==> flow/design.v <==
module core_add_core_top #(
    parameter XLEN = 7
) (
    input aclk,
    input resetn,
    input [XLEN-1:0] opa,
    input [XLEN-1:0] opb,
    input carry_in,
    output reg [XLEN-1:0] result,
    output reg ovf
);
    wire [XLEN:0] r;
    assign r = opa + opb + carry_in;
    always @(posedge aclk or negedge resetn) begin
        if (!resetn) begin
            result <= 0;
            ovf <= 1'b0;
        end else begin
            result <= r[XLEN-1:0];
            ovf <= r[XLEN];
        end
    end
endmodule
## Reports on core_add_core_top

What the tools print for core_add_core_top, step after step.
Lines are those of the file above, counted from 1.
Cell names lack the library's common part.
The mark - stands for no value.

| design | value |
|---|---|
| design top | core_add_core_top |
| clock port | aclk |
| standard-cell library | sky130hd |
| library corner | tt_025C_1v80 |

## Word-level counts

Source: Yosys, flattened and elaborated, memories not mapped. Widths are those after wreduce; folded enables and synchronous resets count as part of the registers. Registers that Yosys merges into a memory's read port (data or address) are not register bits. Print and check cells do not count. Equal cells are merged and count once.

| storage and ports | value |
|---|---|
| flip-flop bits (word level) | 8 |
| bits of input ports | 17 |
| elaborated cells | 4 |

| operators by class | value |
|---|---|
| add/subtract/negate cells | 2 |

Operator list:

| kind | number |
|---|---|
| adder 7 x 7 -> 8 bit | 1 |
| adder 8 x 1 -> 8 bit | 1 |

## Logic depth

Longest topological path by Yosys (ltp), each cell counted once; first at word level (registers and memories cut), then after technology mapping (sequential cells cut; the memories' decode and read muxes count).

| logic depth | value |
|---|---|
| word-level depth | 2 |
| ABC_AREA | 1 |
| gate-level depth with buffers | 8 |
| depth with buffers taken out | 8 |

## After synthesis

Yosys stat after the flow's synthesis: flattened, memories mapped to cells. It holds for the ABC_AREA given above (unset counts as 0); a run with the other value may have another netlist.

Cell types:

| type | number | area in all (µm²) |
|---|---|---|
| dfrtp_1 | 8 | 200.192 |
| ha_1 | 6 | 75.072 |
| nand2_1 | 17 | 63.811 |
| fa_1 | 2 | 40.038 |
| inv_1 | 10 | 37.536 |
| xnor2_1 | 3 | 26.275 |
| nand3_2 | 2 | 20.019 |
| a21oi_1 | 3 | 15.014 |
| nor2_1 | 4 | 15.014 |
| nand2_2 | 1 | 6.256 |
| nand4_1 | 1 | 6.256 |
| or2_1 | 1 | 6.256 |
| nand3_1 | 1 | 5.005 |
| clkinv_1 | 1 | 3.754 |

| mapped netlist | value |
|---|---|
| standard cells after synthesis | 60 |
| synthesis area | 520.5 µm² |
| sequential part of the area | 200.2 µm² |
| mapped flip-flops | 8 |
| buffer cells | 0 |

## Path before layout

OpenSTA on the mapped netlist: ideal clock, no wires. The path of least setup slack (recovery checks aside). Input and output delay are each 20% of the period. Register names are those of the netlist, which keeps one name where synthesis merged equal registers.

| timing post-synthesis | value |
|---|---|
| path kind | input -> register |
| start | input opa[0] |
| end | register result[6] |
| clock period | 2370 ps |
| launch time at the first pin | 474 ps |
| arrival time | 1439 ps |
| path slack | 814 ps |
| delay of the path | 1082 ps |
| driving pins on the path | 8 |
| path buffers | 0 |
| period reached after synthesis | 1556 ps |

"delay of the path" = arrival - input delay + setup time.
"driving pins on the path": output pins that drive a net of the path, with the launching flip-flop's if there is one; two outputs of one cell count as two.
"period reached after synthesis" = period - worst setup slack (recovery checks aside). The figure is calculated, with input and output delays left at 20% of the set period.
Between the ends stands the longest chain of elaborated cells between them, by number of cells; it is not shown to be the way that was timed. Of several equally long chains one is given.
A line is the first line of the expression or statement that the cell stems from. Yosys adds cells for indexed reads and writes and turns some case tables into memories.

| between the ends, post-synthesis | value |
|---|---|
| cell sequence | fa_1 inv_1 fa_1 inv_1 nand2_1 nand3_2 nand2_1 nand2_1 |
| length of the longest elaborated chain | 2 |
| elaborated cells between the ends (all ways) | 2 |
| RTL lines with such cells | 1 |
| classes of those cells | add/sub: 2 |

Ends and longest elaborated chain, post-synthesis:

| what | RTL line | source |
|---|---|---|
| from (decl) | 6 | `input [XLEN-1:0] opa,` |
| adder 7 x 7 -> 8 bit | 13 | `assign r = opa + opb + carry_in;` |
| adder 8 x 1 -> 8 bit | 13 |  |
| to (assign) | 16 | `result <= 0;` |
| to (assign) | 19 | `result <= r[XLEN-1:0];` |
| to (decl) | 9 | `output reg [XLEN-1:0] result,` |

## Worst path after layout

Path of least setup slack in the final report of entry A (OpenROAD, finished layout, wires in). Where an end is a register, its clock arrival counts in the times.
The report prints the path's times to 10 ps; the period is as set.

| timing post-layout | value |
|---|---|
| path kind | input -> register |
| start | input opa[0] |
| end | register result[6] |
| clock period | 1410 ps |
| launch time at the first pin | 280 ps |
| arrival time | 1440 ps |
| path slack | 110 ps |
| driving pins on the path | 9 |
| path buffers | 1 |

Between the ends stands the longest chain of elaborated cells between them, by number of cells; it is not shown to be the way that was timed. Of several equally long chains one is given.

| between the ends, post-layout | value |
|---|---|
| cell sequence | clkdlybuf4s15_1 fa_2 inv_2 fa_2 inv_1 nand2_2 nand3_2 nand2_1 nand2_1 |
| length of the longest elaborated chain | 2 |
| elaborated cells between the ends (all ways) | 2 |
| RTL lines with such cells | 1 |
| classes of those cells | add/sub: 2 |

Ends and longest elaborated chain, post-layout:

| what | RTL line | source |
|---|---|---|
| from (decl) | 6 | `input [XLEN-1:0] opa,` |
| adder 7 x 7 -> 8 bit | 13 | `assign r = opa + opb + carry_in;` |
| adder 8 x 1 -> 8 bit | 13 |  |
| to (assign) | 16 | `result <= 0;` |
| to (assign) | 19 | `result <= r[XLEN-1:0];` |
| to (decl) | 9 | `output reg [XLEN-1:0] result,` |

FLOW RESULTS
============

Module core_add_core_top, platform sky130hd: 3 stored runs of the flow (Yosys, OpenROAD) with differing settings, in no particular order. Input and output delays are each 20% of the period that was set; the output load is 0.01 pF.
"period achieved" is the run's clock period less its worst setup slack. It is reckoned from that one timing run; input and output delays stay at 20% of the period that was set.
By "allowed time less slack (worst setup path)" is meant the share of the clock period that the worst setup path is allowed (20% is reserved at inputs, 20% at outputs), minus its slack. Clock arrival times at its registers enter into it.
"power consumption" is the tool's figure for a default switching activity; nothing was simulated.
"allowed time less slack (worst setup path)" is known to 10 ps.
Settings: - = not set for that run.
Results: - = not shown.

| stored run | period_ns | CORE_UTILIZATION | SETUP_SLACK_MARGIN | PLACE_DENSITY_LB_ADDON | HOLD_SLACK_MARGIN | CORE_MARGIN | TNS_END_PERCENT | ABC_AREA | GPL_TIMING_DRIVEN | GPL_ROUTABILITY_DRIVEN | CTS_CLUSTER_SIZE | SLEW_MARGIN | MIN_ROUTING_LAYER | CAP_MARGIN | area inside the die boundary (µm²) | period achieved (ps) | synthesized cell area (µm²) | total negative slack (ps) | power consumption (uW) | allowed time less slack (worst setup path) (ps) | worst path kind | worst slack on setup checks (ps) | standard-cell area after layout (µm²) | utilization after layout |
|---|---|---|---|---|---|---|---|---|---|---|---|---|---|---|---|---|---|---|---|---|---|---|---|---|
| entry A | 1.41 | 44 | 0.17 | 0.25 | 0.09 | 3 | 15 | 1 | 1 | 0 | 94 | 35 | met1 | 20 | 1631.8 | 1300 | 520.5 | 0 | 795.1 | 1020 | input -> register | 110 | 939.7 | 0.923 |
| entry B | 1.83 | 63 | 0.02 | 0.05 | - | 2 | - | - | - | - | - | 40 | - | 20 | - | - | - | - | - | - | - | - | - | - |
| entry C | 2.37 | 40 | - | - | - | 2 | - | - | - | - | - | 20 | - | 20 | 1592.0 | 2248 | 515.5 | 0 | 445.3 | 1770 | input -> register | 122 | 803.3 | 0.695 |

Entry B: not finished: floorplanning ended with error PDN-0185
